==> flow/design.v <==
module reg_word #(parameter N = 8) (
    input wire clk,
    input wire en,
    input wire [N-1:0] d,
    output reg [N-1:0] q
);
    always @(posedge clk)
        if (en) q <= d;
endmodule
module mem_p #(
    parameter NUM_REGS = 12,
    parameter DATA_W = 10,
    parameter RP = 4,
    parameter ADDR_W = $clog2(NUM_REGS)
) (
    input i_clk,
    input in_wr_en,
    input [ADDR_W-1:0] in_write_addr,
    input [DATA_W-1:0] in_wd,
    input [RP*ADDR_W-1:0] in_read_addr,
    output reg [RP*DATA_W-1:0] out_rd
);
    wire [NUM_REGS*DATA_W-1:0] array;
    genvar ii;
    generate
        for (ii = 0; ii < NUM_REGS; ii = ii + 1) begin : row
            reg_word #(.N(DATA_W)) i_sub (.clk(i_clk), .en(in_wr_en && in_write_addr == ii), .d(in_wd), .q(array[ii*DATA_W +: DATA_W]));
        end
    endgenerate
    wire [RP*DATA_W-1:0] cur;
    genvar m;
    generate
        for (m = 0; m < RP; m = m + 1) begin : gen
            assign cur[m*DATA_W +: DATA_W] = array[in_read_addr[m*ADDR_W +: ADDR_W]*DATA_W +: DATA_W];
        end
    endgenerate
    always @(posedge i_clk) begin
        out_rd <= cur;
    end
endmodule
## Tool chain data of mem_p

The steps from the RTL of mem_p to its reports follow in flow order.
Line numbers count from 1 in the design file above.
Operators carry their Yosys type and port widths (W data, S select, Z words).
The mark n/a stands for no value.

| set-up | value |
|---|---|
| top | mem_p |
| clock input | i_clk |
| cell library | sky130hd |
| library corner | tt_025C_1v80 |

## Word level

Source: Yosys, flattened and elaborated, memories not mapped. Widths are those after wreduce; folded enables and synchronous resets count as part of the registers. Registers that Yosys merges into a memory's read port (data or address) are not register bits. Print and check cells do not count. Equal cells are merged and count once.

| cells by class | value |
|---|---|
| multipliers | 4 |
| equal/unequal tests | 11 |
| shift operators | 4 |
| reductions and logical operators | 13 |

Operators by type and width:

| kind | number |
|---|---|
| $shiftx A120 B9 Y10 | 4 |
| $mul A4 B3 Y7 const B | 4 |
| $eq A4 B3 Y1 const B | 4 |
| $eq A4 B4 Y1 const B | 4 |
| $logic_and A1 B1 Y1 | 12 |
| $eq A4 B2 Y1 const B | 2 |
| $eq A4 B1 Y1 const B | 1 |
| $logic_not A4 Y1 | 1 |

| word-level totals | value |
|---|---|
| flip-flop bits (word level) | 160 |
| input port bits | 32 |
| output and inout port bits | 40 |
| cells after elaboration | 45 |

## Depth

Depth = most cells in a row (Yosys ltp): at word level without a register or memory, in the mapped netlist without a sequential cell, where the memories' decode and read muxes count.

| logic depth | value |
|---|---|
| depth in word-level cells | 2 |
| ABC_AREA | 0 |
| gate-level depth with buffers | 4 |
| mapped depth without buffers | 3 |

## After synthesis

Yosys stat after the flow's synthesis: flattened, memories mapped to cells. It holds for the ABC_AREA given above (unset counts as 0); a run with the other value may have another netlist.

| mapped netlist | value |
|---|---|
| cell count | 550 |
| cell area after synthesis | 0.0083305 mm² |
| area of sequential cells | 0.0044042 mm² |
| flip-flops | 160 |
| buffers | 40 |

Cells by type:

| cell type | number | total area (µm²) |
|---|---|---|
| sky130_fd_sc_hd__edfxtp_1 | 120 | 3.6E+03 |
| sky130_fd_sc_hd__mux4_2 | 80 | 1.8E+03 |
| sky130_fd_sc_hd__mux2_2 | 80 | 900.864 |
| sky130_fd_sc_hd__dfxtp_1 | 40 | 800.768 |
| sky130_fd_sc_hd__o22ai_1 | 40 | 250.24 |
| sky130_fd_sc_hd__o31ai_1 | 30 | 225.216 |
| sky130_fd_sc_hd__nor2_1 | 49 | 183.926 |
| sky130_fd_sc_hd__nand2_1 | 35 | 131.376 |
| sky130_fd_sc_hd__o32ai_1 | 10 | 87.584 |
| sky130_fd_sc_hd__buf_2 | 15 | 75.072 |
| sky130_fd_sc_hd__buf_1 | 12 | 45.043 |
| sky130_fd_sc_hd__buf_6 | 4 | 45.043 |
| sky130_fd_sc_hd__nand2b_1 | 7 | 43.792 |
| sky130_fd_sc_hd__inv_1 | 10 | 37.536 |
| sky130_fd_sc_hd__clkbuf_1 | 7 | 26.275 |
| sky130_fd_sc_hd__nor2b_1 | 3 | 18.768 |
| sky130_fd_sc_hd__buf_4 | 2 | 15.014 |
| sky130_fd_sc_hd__nand3b_1 | 2 | 15.014 |

Not listed: further types 2, cells in them 4.
By module: a second synthesis without flattening, with its own total; a netlist apart from the flattened one above.

| second synthesis, totals | value |
|---|---|
| cell total of the unflattened synthesis | 550 |
| area total of the unflattened synthesis | 0.008333 mm² |

Each row is one instance without its submodules.

Modules:

| module | times used | cells | area (mm²) | seq. area (mm²) |
|---|---|---|---|---|
| mem_p | 1 | 430 | 0.0047295 | 0.0008008 |
| reg_word (N=10) | 12 | 10 | 0.0003003 | 0.0003003 |

## Path before layout

Source: OpenSTA report_checks on the synthesized netlist (no wires, ideal clock, input and output delay 20% of the period each), path of least setup slack; recovery checks are left aside. Register names are those of the netlist, which keeps one name where synthesis merged equal registers.

| timing path after synthesis | value |
|---|---|
| path kind | input port to flip-flop |
| from | input in_write_addr[3] |
| to | register row[0].i_sub.q[0] |
| clock period | 2.44 ns |
| input delay | 0.488 ns |
| library setup time | 0.390 ns |
| launch time at the first pin | 0.488 ns |
| arrival time | 1.659 ns |
| required time | 2.050 ns |
| path slack | 0.391 ns |
| delay of the path | 1.561 ns |
| stages on the path | 2 |
| buffers on the path | 0 |
| synthesis period reached | 2.049 ns |

"delay of the path" is the arrival time less input delay plus setup time.
"stages on the path" counts driving pins, that of a launching flip-flop among them; a cell with two outputs on the path counts twice.
"synthesis period reached" is the clock period less the worst setup slack; recovery checks do not enter. This is arithmetic on one report: input and output delays are still those of the set period (20% each).
The rows between start and end are the longest chain of elaborated cells between them; the timing report does not say that the signal goes this way. Where chains are equally long, one stands for them.
A line is the first line of the expression or statement that the cell stems from. Yosys adds cells for indexed reads and writes and turns some case tables into memories.

| between the ends, after synthesis | value |
|---|---|
| cell sequence | sky130_fd_sc_hd__or3b_1 -> sky130_fd_sc_hd__nor3_1 |
| length of the longest elaborated chain | 2 |
| elaborated cells on any way between the ends | 2 |
| source lines of those cells | 1 |
| those cells by class | reduce/logical: 2 |

RTL lines, path after synthesis:

| element | RTL line | source |
|---|---|---|
| start, declared | 18 | `input [ADDR_W-1:0] in_write_addr,` |
| $logic_not A4 Y1 | 27 | `reg_word #(.N(DATA_W)) i_sub (.clk(i_clk), .en(in_wr_en && in_write_addr == ii), .d(in_wd), .q(array[ii*DATA_W ...` |
| $logic_and A1 B1 Y1 | 27 |  |
| end, assigned | 8 | `if (en) q <= d;` |
| end, declared | 5 | `output reg [N-1:0] q` |

## Timing after layout

From the final timing report of run A: the path of least setup slack in the routed layout; clock arrival at registers is part of the times.

| timing path after layout | value |
|---|---|
| path kind | flip-flop to output port |
| from | register out_rd[8] |
| to | output out_rd[8] |
| clock period | 2.44 ns |
| output delay | 0.49 ns |
| launch time at the first pin | 0.43 ns |
| arrival time | 1.41 ns |
| required time | 1.95 ns |
| path slack | 0.54 ns |
| stages on the path | 2 |
| buffers on the path | 1 |

| between the ends, after layout | value |
|---|---|
| cell sequence | sky130_fd_sc_hd__dfxtp_1 -> sky130_fd_sc_hd__clkdlybuf4s50_1 |
| length of the longest elaborated chain | 0 |
| elaborated cells on any way between the ends | 0 |
| source lines of those cells | 0 |

RTL lines, path after layout:

| element | RTL line | source |
|---|---|---|
| start, declared | 21 | `output reg [RP*DATA_W-1:0] out_rd` |
| start, assigned | 38 | `out_rd <= cur;` |
| end, declared | 21 |  |

Wiki page: mem_p / flow data

Stored flow runs of mem_p (3 of them; Yosys, OpenROAD, sky130hd). They differ in their settings and are not a sequence. Constraints: input delay and output delay 20% of the set period each, output load 0.01 pF.
By "clock period achieved" is meant the clock period of the run minus its worst setup slack. This is arithmetic on one report: input and output delays are still those of the set period (20% each).
"critical path time" means the part of the period allowed to the worst setup path (the constraints hold back 20% at inputs and 20% at outputs) less its slack; where the path has registers, the arrival times of their clocks count too.
"power consumption" rests on the timing tool's default activity at the inputs, not on a simulated workload.
Settings: . = not set for that run.

| stored run | period_ns | CAP_MARGIN | CORE_MARGIN | CORE_UTILIZATION | SLEW_MARGIN | PLACE_DENSITY_LB_ADDON | CELL_PAD_IN_SITES_DETAIL_PLACEMENT | ABC_AREA | CTS_CLUSTER_SIZE | MIN_ROUTING_LAYER | MAX_ROUTING_LAYER | synthesis area (mm²) | die outline area (mm²) | standard-cell area after layout (mm²) | utilization (%) | smallest setup slack (ns) | sum of negative setup slack (ns) | lowest hold slack (ns) | power consumption (mW) | clock period achieved (ns) | critical path time (ns) | worst setup path type |
|---|---|---|---|---|---|---|---|---|---|---|---|---|---|---|---|---|---|---|---|---|---|---|
| run A | 2.44 | 20 | 2 | 40 | 20 | . | . | . | . | . | . | 0.0083305 | 0.0219959 | 0.010191 | 50.0 | 0.545 | 0.000 | 0.745 | 6.618 | 1.895 | 1.41 | flip-flop to output port |
| run B | 2.6 | 20 | 6 | 25 | 25 | 0.17 | 1 | 1 | 64 | met1 | met5 | 0.0093865 | 0.0423392 | 0.0110356 | 30.0 | 0.565 | 0.000 | 0.684 | 6.508 | 2.035 | 1.51 | flip-flop to output port |
| run C | 2.69 | 20 | 2 | 16 | 20 | . | . | 0 | 49 | . | met5 | 0.0083305 | 0.0539076 | 0.0107503 | 20.9 | 0.518 | 0.000 | 0.762 | 6.351 | 2.172 | 1.63 | input port to flip-flop |
